==> flow/design.v <==
module subtractor #(
    parameter integer WD = 24
) (
    input  logic core_clk,
    input  logic RST,
    input  logic en,
    input  logic [WD-1:0] in0,
    input  logic do_sub,
    output logic [WD-1:0] diff
);
    logic [WD-1:0] r_in0;
    logic r_do_sub;
    assign diff = r_do_sub ? -r_in0 : r_in0;
    always_ff @(posedge core_clk or posedge RST) begin
        if (RST) begin
            r_in0 <= '0;
            r_do_sub <= 1'b0;
        end else if (en) begin
            r_in0 <= in0;
            r_do_sub <= do_sub;
        end
    end
endmodule
# From RTL to reports: subtractor
# Tool output for the members of one design family, told apart by "WD", in the order of the flow.
# The RTL above is that of WD=24; lines are counted from 1 in the file of the member named.
# Operators: Yosys type, input widths -> output width; for muxes data width and select width s.
# A cell with n/a has no value.
# inputs
design,subtractor
clock,core_clk
cell_library,sky130hd
lib_corner,tt_025C_1v80

# Source of the members
# Lines of each other member's file that are new or changed against the file above; lines that a member lacks are not shown.
# src_changes
WD,line_no,source
56,2,parameter integer WD = 56
80,2,parameter integer WD = 80
112,2,parameter integer WD = 112

# After elaboration
# Counts by Yosys on the flattened word-level netlist (proc, flatten, opt, wreduce; memories kept). Register bits leave out memories and registers merged into their read ports (data or address); mux counts leave out enables and synchronous resets folded into registers. Print and check cells are left out. Cells with the same type and inputs are merged into one.
# classes
WD,addsub,mul,div_mod_pow,n_cmp,equal,shift,muxes,bitwise,n_reduce_logical
24,1,0,0,0,0,0,1,0,0
56,1,0,0,0,0,0,1,0,0
80,1,0,0,0,0,0,1,0,0
112,1,0,0,0,0,0,1,0,0
# op_table
WD,op_list
24,1 x $neg 24->24; 1 x $mux 24
56,1 x $neg 56->56; 1 x $mux 56
80,1 x $neg 80->80; 1 x $mux 80
112,1 x $neg 112->112; 1 x $mux 112
# bits
WD,ff_bits,latchBits,mem_bits_rw,mem_bits_ro,clocked_rd_ports_x_width,n_memories,inputBits,output_inout_bits,word_cells
24,25,0,0,0,0,0,28,24,4
56,57,0,0,0,0,0,60,56,4
80,81,0,0,0,0,0,84,80,4
112,113,0,0,0,0,0,116,112,4

# Logic depth
# Yosys ltp: most cells in a row. Word level: on the elaborated netlist, between registers, memories and ports. Mapped: between sequential cells and ports; inverters and the memories' decode and read muxes count.
# depth
WD,depth_word,ABC_AREA,mapped_depth,mapped_depth_nobuf
24,2,0,6,6
56,2,0,7,7
80,2,0,7,7
112,2,0,8,8

# Mapped cells and area
# Yosys stat after the flow's synthesis: flattened, memories mapped to cells. It holds for the ABC_AREA given above (unset counts as 0); a run with the other value may have another netlist.
# Totals and module areas in this step are rounded.
# by_type
WD,type_list
24,25 x sky130_fd_sc_hd__dfrtp_1; 23 x sky130_fd_sc_hd__mux2_2; 22 x sky130_fd_sc_hd__xnor2_1; 8 x sky130_fd_sc_hd__o31ai_1; 10 x sky130_fd_sc_hd__nand2_1; 7 x sky130_fd_sc_hd__o21ai_0; 4 x sky130_fd_sc_hd__nor4_1; 1 x sky130_fd_sc_hd__nor4_4; 3 x sky130_fd_sc_hd__or3_1; 2 x sky130_fd_sc_hd__o41ai_1; 1 x sky130_fd_sc_hd__o41ai_2; 4 x sky130_fd_sc_hd__inv_1; 1 x sky130_fd_sc_hd__ha_1; 2 x sky130_fd_sc_hd__nand2b_1; 3 x sky130_fd_sc_hd__clkbuf_1; 1 x sky130_fd_sc_hd__or4_4; 1 x sky130_fd_sc_hd__nand4b_1; 2 x sky130_fd_sc_hd__buf_1; [+6]
56,57 x sky130_fd_sc_hd__dfrtp_1; 54 x sky130_fd_sc_hd__mux2_2; 54 x sky130_fd_sc_hd__xnor2_1; 9 x sky130_fd_sc_hd__o41ai_2; 22 x sky130_fd_sc_hd__nand2_1; 10 x sky130_fd_sc_hd__o31ai_1; 14 x sky130_fd_sc_hd__o21ai_0; 10 x sky130_fd_sc_hd__or3_1; 4 x sky130_fd_sc_hd__o31ai_2; 13 x sky130_fd_sc_hd__clkbuf_1; 6 x sky130_fd_sc_hd__or4_1; 7 x sky130_fd_sc_hd__o21ai_1; 4 x sky130_fd_sc_hd__o41ai_1; 5 x sky130_fd_sc_hd__nor4_1; 1 x sky130_fd_sc_hd__nand4bb_4; 5 x sky130_fd_sc_hd__nand3_1; 4 x sky130_fd_sc_hd__or2_2; 1 x sky130_fd_sc_hd__nor4b_4; [+30]
80,81 x sky130_fd_sc_hd__dfrtp_1; 79 x sky130_fd_sc_hd__mux2_2; 78 x sky130_fd_sc_hd__xnor2_1; 23 x sky130_fd_sc_hd__o31ai_1; 19 x sky130_fd_sc_hd__o41ai_1; 27 x sky130_fd_sc_hd__o21ai_0; 16 x sky130_fd_sc_hd__or4_1; 24 x sky130_fd_sc_hd__nand2_1; 12 x sky130_fd_sc_hd__or3_1; 19 x sky130_fd_sc_hd__clkbuf_1; 3 x sky130_fd_sc_hd__nor4_4; 8 x sky130_fd_sc_hd__nor3_1; 3 x sky130_fd_sc_hd__or4_4; 5 x sky130_fd_sc_hd__nand2b_1; 7 x sky130_fd_sc_hd__nor2_1; 5 x sky130_fd_sc_hd__nand3_1; 4 x sky130_fd_sc_hd__nand4_1; 6 x sky130_fd_sc_hd__inv_1; [+18]
112,113 x sky130_fd_sc_hd__dfrtp_1; 110 x sky130_fd_sc_hd__mux2_2; 109 x sky130_fd_sc_hd__xnor2_1; 47 x sky130_fd_sc_hd__o21ai_0; 62 x sky130_fd_sc_hd__nand2_1; 24 x sky130_fd_sc_hd__o31ai_1; 26 x sky130_fd_sc_hd__nor4_1; 32 x sky130_fd_sc_hd__nor3_1; 21 x sky130_fd_sc_hd__nand4_1; 17 x sky130_fd_sc_hd__or4_1; 26 x sky130_fd_sc_hd__clkbuf_1; 19 x sky130_fd_sc_hd__nand3_1; 9 x sky130_fd_sc_hd__o41ai_1; 20 x sky130_fd_sc_hd__nor2_1; 12 x sky130_fd_sc_hd__or3_1; 4 x sky130_fd_sc_hd__nor4_2; 7 x sky130_fd_sc_hd__inv_1; 4 x sky130_fd_sc_hd__nand2b_1; [+32]
# A list marked [+n] leaves out that many cells.
# synth_totals
WD,cells,yosys_area_um2,sequential_area_um2,ff_cells,buf_cells
24,126,1430,626,25,6
56,310,3490,1430,57,18
80,437,4870,2030,81,23
112,694,7050,2830,113,27

# Path before layout
# Source: OpenSTA report_checks on the synthesized netlist (no wires, ideal clock, input and output delay 20% of the period each), path of least setup slack; recovery checks are left aside. Register names are those of the netlist, which keeps one name where synthesis merged equal registers.
# synth_timing
WD,path_type,startpoint,endpoint,clock_period_ns,path_slack_ns,driving_pins,delay_ns,period_less_setup_slack_ns
24,flip-flop to output port,register r_in0[16],output diff[23],2.79,0.448,5,1.784,2.342
56,flip-flop to output port,register r_in0[19],output diff[30],3.21,0.516,7,2.052,2.694
80,flip-flop to output port,register r_in0[61],output diff[79],3.72,0.595,6,2.381,3.125
112,flip-flop to output port,register r_in0[16],output diff[87],4.21,0.672,7,2.696,3.538
# "delay_ns" = arrival - input delay + setup time.
# A path that ends at an output port has no setup time.
# "driving_pins": output pins that drive a net of the path, with the launching flip-flop's if there is one; two outputs of one cell count as two.
# "period_less_setup_slack_ns" is the clock period less the worst setup slack; recovery checks do not enter. This is arithmetic on one report: input and output delays are still those of the set period (20% each).
# Between the ends stands the longest chain of elaborated cells between them, by number of cells; it is not shown to be the way that was timed. Of several equally long chains one is given.
# A line is the first line of the expression or statement that the cell stems from. Yosys adds cells for indexed reads and writes and turns some case tables into memories.
# synth_between_WD_24
elab_chain_len,2
# synth_lines_WD_24
element,line_no,source
from (decl),11,logic [WD-1:0] r_in0;
from (assign),16,r_in0 <= '0;
from (assign),19,r_in0 <= in0;
$neg 24->24,13,assign diff = r_do_sub ? -r_in0 : r_in0;
$mux 24,13,
to (decl),9,output logic [WD-1:0] diff
# synth_between_WD_112
elab_chain_len,2
# synth_lines_WD_112
element,line_no,source
from (decl),11,logic [WD-1:0] r_in0;
from (assign),16,r_in0 <= '0;
from (assign),19,r_in0 <= in0;
$neg 112->112,13,assign diff = r_do_sub ? -r_in0 : r_in0;
$mux 112,13,
to (decl),9,output logic [WD-1:0] diff

# Path in the finished layout
# Path of least setup slack in the final report of the run of each member (OpenROAD, finished layout, wires in). Where an end is a register, its clock arrival counts in the times.
# layout_timing
WD,path_type,startpoint,endpoint,clock_period_ns,path_slack_ns,driving_pins,arrival_time_ns,n_path_buf
24,flip-flop to output port,register r_in0[0],output diff[17],2.79,0.04,8,2.19,3
56,flip-flop to output port,register r_in0[19],output diff[26],3.21,-0.04,10,2.60,4
80,flip-flop to output port,register r_in0[5],output diff[52],3.72,0.06,9,2.92,3
112,flip-flop to output port,register r_in0[16],output diff[73],4.21,0.02,9,3.35,2

# Measured runs
# Settings and results of one run of the flow (Yosys, OpenROAD) for each member follow. The constraints put input and output delay at 20% of the set period each and load the outputs with 0.01 pF.
# flow_settings
CAP_MARGIN,20
CORE_MARGIN,2
CORE_UTILIZATION,40
SLEW_MARGIN,20
# settings_by_member
WD,period_ns
24,2.79
56,3.21
80,3.72
112,4.21
# measured
WD,ys_area_um2,total_die_area_um2,finish.stdcell_area_um2,setup_worst_slack_ns,setupTns_ns,clock_period_reached_ns
24,1430,4070,2290,0.043,0.000,2.747
56,3490,9490,5560,-0.036,-0.175,3.246
80,4870,13100,7650,0.060,0.000,3.660
112,7050,18700,11000,0.020,0.000,4.190
# "clock_period_reached_ns" is the run's clock period less its worst setup slack. It is reckoned from that one timing run; input and output delays stay at 20% of the period that was set.
# Results are given in rounded form.
